==> flow/design.v <==
module mplex #(
    parameter int DW = 2
) (
    input  logic sys_clk,
    input  logic aresetn,
    input  logic [DW-1:0] in_d_0,
    input  logic [DW-1:0] in_d_1,
    input  logic [DW-1:0] in_d_2,
    input  logic [DW-1:0] in_d_3,
    input  logic [DW-1:0] in_d_4,
    input  logic [DW-1:0] in_d_5,
    input  logic [DW-1:0] in_d_6,
    input  logic [DW-1:0] in_d_7,
    input  logic [DW-1:0] in_d_8,
    input  logic [DW-1:0] in_d_9,
    input  logic [DW-1:0] in_d_10,
    input  logic [DW-1:0] in_d_11,
    input  logic [3:0] in_select,
    output logic [DW-1:0] out_result
);
    logic [DW-1:0] d_0_ff;
    logic [DW-1:0] d_1_ff;
    logic [DW-1:0] d_2_ff;
    logic [DW-1:0] d_3_ff;
    logic [DW-1:0] d_4_ff;
    logic [DW-1:0] d_5_ff;
    logic [DW-1:0] d_6_ff;
    logic [DW-1:0] d_7_ff;
    logic [DW-1:0] d_8_ff;
    logic [DW-1:0] d_9_ff;
    logic [DW-1:0] d_10_ff;
    logic [DW-1:0] d_11_ff;
    logic [3:0] select_ff;
    always_ff @(posedge sys_clk or negedge aresetn) begin
        if (!aresetn) begin
            d_0_ff <= 0;
            d_1_ff <= 0;
            d_2_ff <= 0;
            d_3_ff <= 0;
            d_4_ff <= 0;
            d_5_ff <= 0;
            d_6_ff <= 0;
            d_7_ff <= 0;
            d_8_ff <= 0;
            d_9_ff <= 0;
            d_10_ff <= 0;
            d_11_ff <= 0;
            select_ff <= 0;
        end else begin
            d_0_ff <= in_d_0;
            d_1_ff <= in_d_1;
            d_2_ff <= in_d_2;
            d_3_ff <= in_d_3;
            d_4_ff <= in_d_4;
            d_5_ff <= in_d_5;
            d_6_ff <= in_d_6;
            d_7_ff <= in_d_7;
            d_8_ff <= in_d_8;
            d_9_ff <= in_d_9;
            d_10_ff <= in_d_10;
            d_11_ff <= in_d_11;
            select_ff <= in_select;
        end
    end
    logic [DW-1:0] work;
    always_comb begin
        case (select_ff)
            0: work = d_0_ff;
            1: work = d_1_ff;
            2: work = d_2_ff;
            3: work = d_3_ff;
            4: work = d_4_ff;
            5: work = d_5_ff;
            6: work = d_6_ff;
            7: work = d_7_ff;
            8: work = d_8_ff;
            9: work = d_9_ff;
            10: work = d_10_ff;
            default: work = d_11_ff;
        endcase
    end
    assign out_result = work;
endmodule
Appendix: tool output

Reports on mplex --
Module mplex in several versions that differ in "DW"; each step lists the members. The RTL above is that of DW=2; lines are counted from 1 in the file of the member named. Cell names lack the library's common part. The mark -- stands for no value.
Design: top mplex, clock input sys_clk, cell library sky130hd, corner tt_025C_1v80

Source of the members --
New or changed lines of each further member against the RTL above, in its own file; lines it lacks are not shown.
New or changed lines:
- DW 4 | line 2 | parameter int DW = 4
- DW 10 | line 2 | parameter int DW = 10
- DW 16 | line 2 | parameter int DW = 16
- DW 20 | line 2 | parameter int DW = 20
- DW 24 | line 2 | parameter int DW = 24

Elaborated design --
Source: Yosys, flattened and elaborated, memories not mapped. Widths are those after wreduce; folded enables and synchronous resets count as part of the registers. Registers that Yosys merges into a memory's read port (data or address) are not register bits. Print and check cells do not count. Equal cells are merged and count once.
Cells by class:
- DW 2 | eq/ne operators 10, mux-type cells 1, reduce/logical cells 1
- DW 4 | eq/ne operators 10, mux-type cells 1, reduce/logical cells 1
- DW 10 | eq/ne operators 10, mux-type cells 1, reduce/logical cells 1
- DW 16 | eq/ne operators 10, mux-type cells 1, reduce/logical cells 1
- DW 20 | eq/ne operators 10, mux-type cells 1, reduce/logical cells 1
- DW 24 | eq/ne operators 10, mux-type cells 1, reduce/logical cells 1
Operator list (kind and count):
- DW 2 | case mux 2 bit (select 11 bit) (1); equality test 4 x 3 -> 1 bit (second input constant) (4); equality test 4 bit (second input constant) (3); equality test 4 x 2 -> 1 bit (second input constant) (2); equality test 4 x 1 -> 1 bit (second input constant) (1); zero test 4 bit (1)
- DW 4 | case mux 4 bit (select 11 bit) (1); equality test 4 x 3 -> 1 bit (second input constant) (4); equality test 4 bit (second input constant) (3); equality test 4 x 2 -> 1 bit (second input constant) (2); equality test 4 x 1 -> 1 bit (second input constant) (1); zero test 4 bit (1)
- DW 10 | case mux 10 bit (select 11 bit) (1); equality test 4 x 3 -> 1 bit (second input constant) (4); equality test 4 bit (second input constant) (3); equality test 4 x 2 -> 1 bit (second input constant) (2); equality test 4 x 1 -> 1 bit (second input constant) (1); zero test 4 bit (1)
- DW 16 | case mux 16 bit (select 11 bit) (1); equality test 4 x 3 -> 1 bit (second input constant) (4); equality test 4 bit (second input constant) (3); equality test 4 x 2 -> 1 bit (second input constant) (2); equality test 4 x 1 -> 1 bit (second input constant) (1); zero test 4 bit (1)
- DW 20 | case mux 20 bit (select 11 bit) (1); equality test 4 x 3 -> 1 bit (second input constant) (4); equality test 4 bit (second input constant) (3); equality test 4 x 2 -> 1 bit (second input constant) (2); equality test 4 x 1 -> 1 bit (second input constant) (1); zero test 4 bit (1)
- DW 24 | case mux 24 bit (select 11 bit) (1); equality test 4 x 3 -> 1 bit (second input constant) (4); equality test 4 bit (second input constant) (3); equality test 4 x 2 -> 1 bit (second input constant) (2); equality test 4 x 1 -> 1 bit (second input constant) (1); zero test 4 bit (1)
Word-level totals:
- DW 2 | flip-flop bits (word level) 28, input bits 30, output and inout bits 2, cells after elaboration 25
- DW 4 | flip-flop bits (word level) 52, input bits 54, output and inout bits 4, cells after elaboration 25
- DW 10 | flip-flop bits (word level) 124, input bits 126, output and inout bits 10, cells after elaboration 25
- DW 16 | flip-flop bits (word level) 196, input bits 198, output and inout bits 16, cells after elaboration 25
- DW 20 | flip-flop bits (word level) 244, input bits 246, output and inout bits 20, cells after elaboration 25
- DW 24 | flip-flop bits (word level) 292, input bits 294, output and inout bits 24, cells after elaboration 25

Longest topological paths --
Yosys ltp: most cells in a row. Word level: on the elaborated netlist, between registers, memories and ports. Mapped: between sequential cells and ports; inverters and the memories' decode and read muxes count.
Logic depth:
- DW 2 | depth in word-level cells 2, ABC_AREA 0, mapped depth 6, gate-level depth less buffers 4
- DW 4 | depth in word-level cells 2, ABC_AREA 0, mapped depth 6, gate-level depth less buffers 4
- DW 10 | depth in word-level cells 2, ABC_AREA 0, mapped depth 7, gate-level depth less buffers 4
- DW 16 | depth in word-level cells 2, ABC_AREA 0, mapped depth 8, gate-level depth less buffers 4
- DW 20 | depth in word-level cells 2, ABC_AREA 0, mapped depth 7, gate-level depth less buffers 4
- DW 24 | depth in word-level cells 2, ABC_AREA 0, mapped depth 8, gate-level depth less buffers 5

After synthesis --
Yosys stat after the flow's synthesis: flattened, memories mapped to cells. It holds for the ABC_AREA given above (unset counts as 0); a run with the other value may have another netlist. The area totals of this step are shown rounded.
Cell types (types with counts):
- DW 2 | dfrtp_1 (28); mux2i_1 (4); nand3b_1 (5); o21ai_0 (5); a21oi_1 (4); nand2_1 (5); nand4b_1 (2); o32ai_1 (2); a21o_1 (2); mux2_4 (1); a211oi_2 (1); buf_6 (1); buf_2 (2); a221oi_1 (1); a22o_1 (1); a32oi_1 (1); nor4b_1 (1); clkbuf_1 (2); [+8]
- DW 4 | dfrtp_1 (52); mux2i_1 (7); o21ai_0 (10); a21oi_1 (7); nand2_1 (9); mux2_4 (2); nand3b_1 (4); o32a_1 (3); nor2_1 (7); buf_2 (5); nand2b_1 (4); mux4_2 (1); a31oi_1 (3); nor4b_1 (2); buf_4 (2); and2_1 (2); nor2b_1 (2); buf_6 (1); [+15]
- DW 10 | dfrtp_1 (124); mux2i_1 (18); mux4_2 (3); a22oi_1 (8); a21oi_1 (10); buf_2 (10); o21ai_0 (10); o21ai_1 (10); nand2_1 (13); nor2_1 (12); o22ai_1 (7); a31oi_1 (6); buf_4 (5); a2bb2oi_1 (3); a32oi_1 (3); or3b_1 (3); nor2b_1 (4); a21o_1 (3); [+50]
- DW 16 | dfrtp_1 (196); mux2i_1 (21); a22oi_1 (14); a22o_1 (11); mux2_2 (7); nor2_1 (21); a21oi_1 (15); a221oi_1 (8); buf_6 (6); nor2b_1 (10); a2bb2oi_1 (7); o32a_1 (6); nand2_1 (15); buf_2 (11); o21ai_0 (11); o2bb2ai_1 (6); a31oi_1 (8); mux4_2 (2); [+84]
- DW 20 | dfrtp_1 (244); mux2i_1 (36); a22oi_1 (25); nor2_1 (30); a21oi_1 (22); buf_2 (22); o2bb2ai_1 (11); a31oi_1 (15); mux2_2 (8); o22ai_1 (13); and3_1 (12); a22o_1 (7); o22a_1 (7); o32a_1 (6); buf_6 (5); nand2_1 (15); a211oi_1 (7); nor2b_1 (8); [+78]
- DW 24 | dfrtp_1 (292); a21oi_1 (47); a22oi_1 (31); mux2i_1 (23); o21ai_0 (25); a22o_1 (14); nor2_1 (31); a32oi_1 (12); buf_2 (20); nand2_1 (26); a221oi_1 (11); mux2_2 (8); buf_4 (11); o22ai_1 (13); buf_6 (7); o32a_1 (7); nor2b_1 (11); a211oi_1 (9); [+103]
The mark [+n] counts cells that are not listed.
Mapped netlist:
- DW 2 | cells in the netlist 76, cell area after synthesis 1020 µm², area of sequential cells 701 µm², flip-flop cells 28, buffers 6
- DW 4 | cells in the netlist 138, cell area after synthesis 1870 µm², area of sequential cells 1300 µm², flip-flop cells 52, buffers 8
- DW 10 | cells in the netlist 302, cell area after synthesis 4320 µm², area of sequential cells 3100 µm², flip-flop cells 124, buffers 18
- DW 16 | cells in the netlist 459, cell area after synthesis 6830 µm², area of sequential cells 4900 µm², flip-flop cells 196, buffers 30
- DW 20 | cells in the netlist 571, cell area after synthesis 8360 µm², area of sequential cells 6110 µm², flip-flop cells 244, buffers 39
- DW 24 | cells in the netlist 701, cell area after synthesis 10100 µm², area of sequential cells 7310 µm², flip-flop cells 292, buffers 49

Path before layout --
Path of least setup slack by OpenSTA after synthesis, without wires, with an ideal clock, recovery checks aside; 20% of the period is set as input and as output delay. Where synthesis merged equal registers, the netlist keeps one of their names.
Path after synthesis:
- DW 2 | path type register to output, start reg select_ff[0], end out out_result[1], period 2060 ps, path slack 332 ps, driving pins on the path 6, path delay 1316 ps, synthesis period reached 1728 ps
- DW 4 | path type register to output, start reg select_ff[3], end out out_result[1], period 2150 ps, path slack 343 ps, driving pins on the path 6, path delay 1377 ps, synthesis period reached 1807 ps
- DW 10 | path type register to output, start reg select_ff[3], end out out_result[8], period 2260 ps, path slack 361 ps, driving pins on the path 7, path delay 1447 ps, synthesis period reached 1899 ps
- DW 16 | path type register to output, start reg select_ff[0], end out out_result[10], period 2370 ps, path slack 380 ps, driving pins on the path 7, path delay 1516 ps, synthesis period reached 1990 ps
- DW 20 | path type register to output, start reg select_ff[0], end out out_result[6], period 2380 ps, path slack 384 ps, driving pins on the path 6, path delay 1520 ps, synthesis period reached 1996 ps
- DW 24 | path type register to output, start reg select_ff[2], end out out_result[23], period 2410 ps, path slack 386 ps, driving pins on the path 8, path delay 1542 ps, synthesis period reached 2024 ps
"path delay" is the arrival time less input delay plus setup time. At an output port there is no setup time. "driving pins on the path": output pins that drive a net of the path, with the launching flip-flop's if there is one; two outputs of one cell count as two. "synthesis period reached" = period - worst setup slack (recovery checks aside). The figure is calculated, with input and output delays left at 20% of the set period. The rows between start and end are the longest chain of elaborated cells between them; the timing report does not say that the signal goes this way. Where chains are equally long, one stands for them. Each line given opens the expression or statement behind the cell; cells for indexed reads and writes are added by Yosys, which also makes memories of some case tables.
On the way, after synthesis, DW=2: length of the longest elaborated chain 2
RTL lines, path after synthesis, DW=2:
- from (decl) | line 33 | logic [3:0] select_ff;
- from (assign) | line 48 | select_ff <= 0;
- from (assign) | line 62 | select_ff <= in_select;
- equality test 4 bit | line 67 | case (select_ff)
- case mux 2 bit (select 11 bit) | line 67
- to (decl) | line 19 | output logic [DW-1:0] out_result
On the way, after synthesis, DW=24: length of the longest elaborated chain 2
RTL lines, path after synthesis, DW=24:
- from (decl) | line 33 | logic [3:0] select_ff;
- from (assign) | line 48 | select_ff <= 0;
- from (assign) | line 62 | select_ff <= in_select;
- equality test 4 bit | line 67 | case (select_ff)
- case mux 24 bit (select 11 bit) | line 67
- to (decl) | line 19 | output logic [DW-1:0] out_result

Worst path after layout --
Path of least setup slack in the final report of each member's run (OpenROAD, finished layout, wires in). Where an end is a register, its clock arrival counts in the times. The report prints the path's times to 10 ps; the period is as set.
Path post-layout:
- DW 2 | path type register to output, start reg select_ff[0], end out out_result[1], period 2060 ps, path slack -60 ps, driving pins on the path 6, arrival time 1710 ps, buffers on the path 1
- DW 4 | path type register to output, start reg select_ff[1], end out out_result[2], period 2150 ps, path slack -130 ps, driving pins on the path 7, arrival time 1850 ps, buffers on the path 2
- DW 10 | path type register to output, start reg select_ff[2], end out out_result[2], period 2260 ps, path slack -320 ps, driving pins on the path 7, arrival time 2130 ps, buffers on the path 2
- DW 16 | path type register to output, start reg select_ff[2], end out out_result[10], period 2370 ps, path slack -340 ps, driving pins on the path 9, arrival time 2230 ps, buffers on the path 4
- DW 20 | path type register to output, start reg select_ff[0], end out out_result[3], period 2380 ps, path slack -430 ps, driving pins on the path 9, arrival time 2330 ps, buffers on the path 4
- DW 24 | path type register to output, start reg select_ff[2], end out out_result[23], period 2410 ps, path slack -540 ps, driving pins on the path 9, arrival time 2470 ps, buffers on the path 3

Flow runs --
Settings and results of one run of the flow (Yosys, OpenROAD) for each member follow. The constraints put input and output delay at 20% of the set period each and load the outputs with 0.01 pF.
Settings: CAP_MARGIN 20, CORE_MARGIN 2, CORE_UTILIZATION 40, SLEW_MARGIN 20
Settings that differ (period_ns):
- DW 2 | 2.06
- DW 4 | 2.15
- DW 10 | 2.26
- DW 16 | 2.37
- DW 20 | 2.38
- DW 24 | 2.41
Measured results:
- DW 2 | synthesized cell area 1020 µm², area of the die 2970 µm², standard-cell area after layout 1550 µm², final utilization 63.1%, smallest setup slack -57 ps, total negative slack on setup checks -66 ps, total power of the final layout 1100 µW, achieved period 2117 ps
- DW 4 | synthesized cell area 1870 µm², area of the die 5230 µm², standard-cell area after layout 2890 µm², final utilization 65.5%, smallest setup slack -125 ps, total negative slack on setup checks -268 ps, total power of the final layout 2100 µW, achieved period 2275 ps
- DW 10 | synthesized cell area 4320 µm², area of the die 11600 µm², standard-cell area after layout 6960 µm², final utilization 66.8%, smallest setup slack -322 ps, total negative slack on setup checks -2870 ps, total power of the final layout 5680 µW, achieved period 2582 ps
- DW 16 | synthesized cell area 6830 µm², area of the die 18100 µm², standard-cell area after layout 11000 µm², final utilization 66.1%, smallest setup slack -337 ps, total negative slack on setup checks -4550 ps, total power of the final layout 7620 µW, achieved period 2707 ps
- DW 20 | synthesized cell area 8360 µm², area of the die 22100 µm², standard-cell area after layout 13700 µm², final utilization 67.4%, smallest setup slack -426 ps, total negative slack on setup checks -7060 ps, total power of the final layout 9920 µW, achieved period 2806 ps
- DW 24 | synthesized cell area 10100 µm², area of the die 26500 µm², standard-cell area after layout 16800 µm², final utilization 67.3%, smallest setup slack -540 ps, total negative slack on setup checks -10800 ps, total power of the final layout 12100 µW, achieved period 2950 ps
"achieved period": clock period set for the run, less the worst setup slack. It is reckoned from that one timing run; input and output delays stay at 20% of the period that was set. "total power of the final layout" rests on the timing tool's default activity at the inputs, not on a simulated workload. The results are shown rounded.
